==> flow/design.v <==
module gen_comparator #(
    parameter XLEN = 40,
    parameter LANES = 7
) (
    input  wire CLK,
    input  wire rst_n,
    input  wire enable,
    input  wire [LANES*XLEN-1:0] d,
    output wire [XLEN-1:0] hi
);
    reg [LANES*XLEN-1:0] d_ff;
    always @(posedge CLK or negedge rst_n) begin
        if (!rst_n) begin
            d_ff <= 0;
        end else if (enable) begin
            d_ff <= d;
        end
    end
    reg [XLEN-1:0] cur;
    integer k;
    always @* begin
        cur = d_ff[XLEN-1:0];
        for (k = 1; k < LANES; k = k + 1)
            if (d_ff[k*XLEN +: XLEN] > cur) cur = d_ff[k*XLEN +: XLEN];
    end
    reg [XLEN-1:0] hi_ff;
    always @(posedge CLK or negedge rst_n) begin
        if (!rst_n) begin
            hi_ff <= 0;
        end else if (enable) begin
            hi_ff <= cur;
        end
    end
    assign hi = hi_ff;
endmodule
Tool chain data of gen_comparator

What the tools print for gen_comparator, step after step.
Line numbers count from 1 in the design file above.
Library cell names are shortened.
The mark - stands for no value.

Top: gen_comparator
Clock input: CLK
Library: sky130hd
Library corner: tt_025C_1v80

Word-level counts

Source: Yosys, flattened and elaborated, memories not mapped. Widths are those after wreduce; folded enables and synchronous resets count as part of the registers. Registers that Yosys merges into a memory's read port (data or address) are not register bits. Print and check cells do not count. Equal cells are merged and count once.

Output and inout bits: 40
Bits in registers: 320
Input port bits: 283

Muxes and demuxes: 6
Magnitude comparators: 6

Operators with widths:

| kind                | number |
| 40-bit > comparator | 6 |
| 40-bit two-way mux  | 6 |

Depth

Yosys ltp: most cells in a row. Word level: on the elaborated netlist, between registers, memories and ports. Mapped: between sequential cells and ports; inverters and the memories' decode and read muxes count.

Word-level depth: 12
ABC_AREA: 0
Depth in mapped cells: 92

Mapped cells and area

Yosys stat after the flow's synthesis: flattened, memories mapped to cells. It holds for the ABC_AREA given above (unset counts as 0); a run with the other value may have another netlist.

Buffer cells: 109
Chip area (Yosys): 20,483.4 um2
Cell count: 2,042
Mapped flip-flops: 320

Cell types:

| cell     | number |
| dfrtp_1  | 320 |
| ha_1     | 234 |
| mux2_2   | 233 |
| a21oi_1  | 187 |
| o21ai_0  | 131 |
| mux2i_1  | 41 |
| nor2_1   | 101 |
| inv_1    | 97 |
| nand2b_1 | 58 |
| o221ai_1 | 39 |
| clkbuf_1 | 90 |
| nand2_1  | 88 |
| nand4_1  | 52 |
| a21o_1   | 42 |
| a31oi_1  | 45 |
| a21boi_1 | 37 |
| nand3_1  | 50 |
| o22ai_1  | 38 |

Not listed: further types 47, cells in them 159.

Path before layout

Source: OpenSTA report_checks on the synthesized netlist (no wires, ideal clock, input and output delay 20% of the period each), path of least setup slack; recovery checks are left aside. Register names are those of the netlist, which keeps one name where synthesis merged equal registers.

Path kind: register to register
Start: register d_ff[41]
End: register hi_ff[10]
Library setup time: 0.131 ns
Path slack: 3.897 ns
Delay of the path: 15.704 ns
Stages on the path: 91
Data arrival time: 15.573 ns
Data required time: 19.469 ns
Period: 19.6 ns
Period reached after synthesis: 15.703 ns

"delay of the path" is the arrival time less input delay plus setup time.
"stages on the path": output pins that drive a net of the path, with the launching flip-flop's if there is one; two outputs of one cell count as two.
"period reached after synthesis" is the clock period less the worst setup slack; recovery checks do not enter. This is arithmetic on one report: input and output delays are still those of the set period (20% each).
The rows between start and end are the longest chain of elaborated cells between them; the timing report does not say that the signal goes this way. Where chains are equally long, one stands for them.
Each line given opens the expression or statement behind the cell; cells for indexed reads and writes are added by Yosys, which also makes memories of some case tables.

Cell sequence: dfrtp_1 > ha_1 > nor2b_1 > o211ai_1 > a21oi_1 > o311a_1 > or3_4 > and2_0 > clkbuf_1 > clkbuf_1 > nor2_1 > a21oi_1 > ha_1 > nand4_1 > nor4_1 > and2_1 > nand3_1 > or3_1 > [55 not listed] > nor2b_1 > o21a_1 > o21ai_0 > nand2b_1 > a21oi_1 > nor2b_1 > o21ai_0 > nand2b_1 > a21oi_1 > o31ai_1 > a21oi_1 > o31ai_1 > a21oi_1 > a41o_1 > clkbuf_1 > o21ai_0 > o21ai_0 > o31ai_1
Cells in the longest elaborated chain: 12
Elaborated cells between the ends (all ways): 12
Source lines of those cells: 1

Ends and longest elaborated chain, post-synthesis:

| element             | line | text |
| start: declaration  | 11   | `reg [LANES*XLEN-1:0] d_ff;` |
| start: assignment   | 14   | `d_ff <= 0;` |
| start: assignment   | 16   | `d_ff <= d;` |
| 40-bit > comparator | 24   | `if (d_ff[k*XLEN +: XLEN] > cur) cur = d_ff[k*XLEN +: XLEN];` |
| 40-bit two-way mux  | 24   |  |
| 40-bit > comparator | 24   |  |
| 40-bit two-way mux  | 24   |  |
| 40-bit > comparator | 24   |  |
| 40-bit two-way mux  | 24   |  |
| 40-bit > comparator | 24   |  |
| 40-bit two-way mux  | 24   |  |
| 40-bit > comparator | 24   |  |
| 40-bit two-way mux  | 24   |  |
| 40-bit > comparator | 24   |  |
| 40-bit two-way mux  | 24   |  |
| end: assignment     | 29   | `hi_ff <= 0;` |
| end: assignment     | 31   | `hi_ff <= cur;` |
| end: declaration    | 26   | `reg [XLEN-1:0] hi_ff;` |

Timing after layout

From the final timing report of record 1: the path of least setup slack in the routed layout; clock arrival at registers is part of the times.

Path kind: register to register
Start: register d_ff[76]
End: register hi_ff[17]
Stages on the path: 85
Data arrival time: 15.70 ns
Period: 15.9 ns
Path slack: 0.65 ns
Data required time: 16.34 ns
Library setup time: 0.12 ns

The rows between start and end are the longest chain of elaborated cells between them; the timing report does not say that the signal goes this way. Where chains are equally long, one stands for them.

Cell sequence: dfrtp_1 > ha_1 > nand4_1 > buf_4 > nor3_2 > a21oi_1 > o211ai_1 > buf_4 > or3_4 > and2_4 > buf_6 > nor2_4 > a21oi_2 > ha_1 > nand4_1 > nor4_4 > and2_4 > nand3_4 > [49 not listed] > o21a_1 > o21ai_1 > nand2b_1 > a21oi_2 > nor2b_1 > o21ai_1 > nand2b_1 > a21oi_2 > o31ai_2 > buf_4 > a21oi_4 > o31ai_2 > a21oi_1 > a41o_1 > nand2_4 > clkbuf_16 > a31oi_1 > a21oi_1
Cells in the longest elaborated chain: 12
Elaborated cells between the ends (all ways): 12
Source lines of those cells: 1

Ends and longest elaborated chain, post-layout:

| element             | line | text |
| start: declaration  | 11   | `reg [LANES*XLEN-1:0] d_ff;` |
| start: assignment   | 14   | `d_ff <= 0;` |
| start: assignment   | 16   | `d_ff <= d;` |
| 40-bit > comparator | 24   | `if (d_ff[k*XLEN +: XLEN] > cur) cur = d_ff[k*XLEN +: XLEN];` |
| 40-bit two-way mux  | 24   |  |
| 40-bit > comparator | 24   |  |
| 40-bit two-way mux  | 24   |  |
| 40-bit > comparator | 24   |  |
| 40-bit two-way mux  | 24   |  |
| 40-bit > comparator | 24   |  |
| 40-bit two-way mux  | 24   |  |
| 40-bit > comparator | 24   |  |
| 40-bit two-way mux  | 24   |  |
| 40-bit > comparator | 24   |  |
| 40-bit two-way mux  | 24   |  |
| end: assignment     | 29   | `hi_ff <= 0;` |
| end: assignment     | 31   | `hi_ff <= cur;` |
| end: declaration    | 26   | `reg [XLEN-1:0] hi_ff;` |

Lab notebook: gen_comparator

Module gen_comparator, platform sky130hd: 3 stored runs of the flow (Yosys, OpenROAD) with differing settings, in no particular order. Input and output delays are each 20% of the period that was set; the output load is 0.01 pF.
"time of the worst setup path": the worst setup path's part of the clock period (all of it between registers, 20% less for each end at a port) less its slack. A launch clock that arrives late makes it longer, a capture clock that arrives late makes it shorter.
"total power of the final layout" rests on the timing tool's default activity at the inputs, not on a simulated workload.
Settings: . = not set for that run.
Results: . = not shown.

| item                                                    | record 1             | record 2 | record 3             |
| period_ns                                               | 15.9                 | 11.7     | 19.6                 |
| CORE_UTILIZATION                                        | 22                   | 60       | 40                   |
| SETUP_SLACK_MARGIN                                      | 2.28                 | .        | .                    |
| PLACE_DENSITY_LB_ADDON                                  | 0.13                 | .        | .                    |
| GPL_TIMING_DRIVEN                                       | 1                    | 0        | .                    |
| MAX_ROUTING_LAYER                                       | met4                 | met4     | .                    |
| CAP_MARGIN                                              | 20                   | 35       | 20                   |
| CORE_MARGIN                                             | 2                    | 4        | 2                    |
| SLEW_MARGIN                                             | 20                   | 20       | 20                   |
| PLACE_DENSITY                                           | .                    | 0.65     | .                    |
| CELL_PAD_IN_SITES_GLOBAL_PLACEMENT                      | .                    | 3        | .                    |
| CELL_PAD_IN_SITES_DETAIL_PLACEMENT                      | .                    | 0        | .                    |
| mapped cell area after synthesis (um2)                  | 20,483.4             | .        | 20,483.4             |
| worst hold slack in the final report (ns)               | 0.543                | .        | 0.523                |
| area of the standard cells in the finished layout (um2) | 29,756.0             | .        | 25,674.6             |
| time of the worst setup path (ns)                       | 15.25                | .        | 18.26                |
| kind of the worst setup path                            | register to register | .        | register to register |
| smallest setup slack (ns)                               | 0.647                | .        | 1.336                |
| utilization after routing (%)                           | 32.4                 | .        | 51.0                 |
| full die area (um2)                                     | 95,564.4             | .        | 53,033.5             |
| total power of the final layout (µW)                    | 6,270                | .        | 4,073                |

Record 2: unfinished; error GPL-0301 in placement
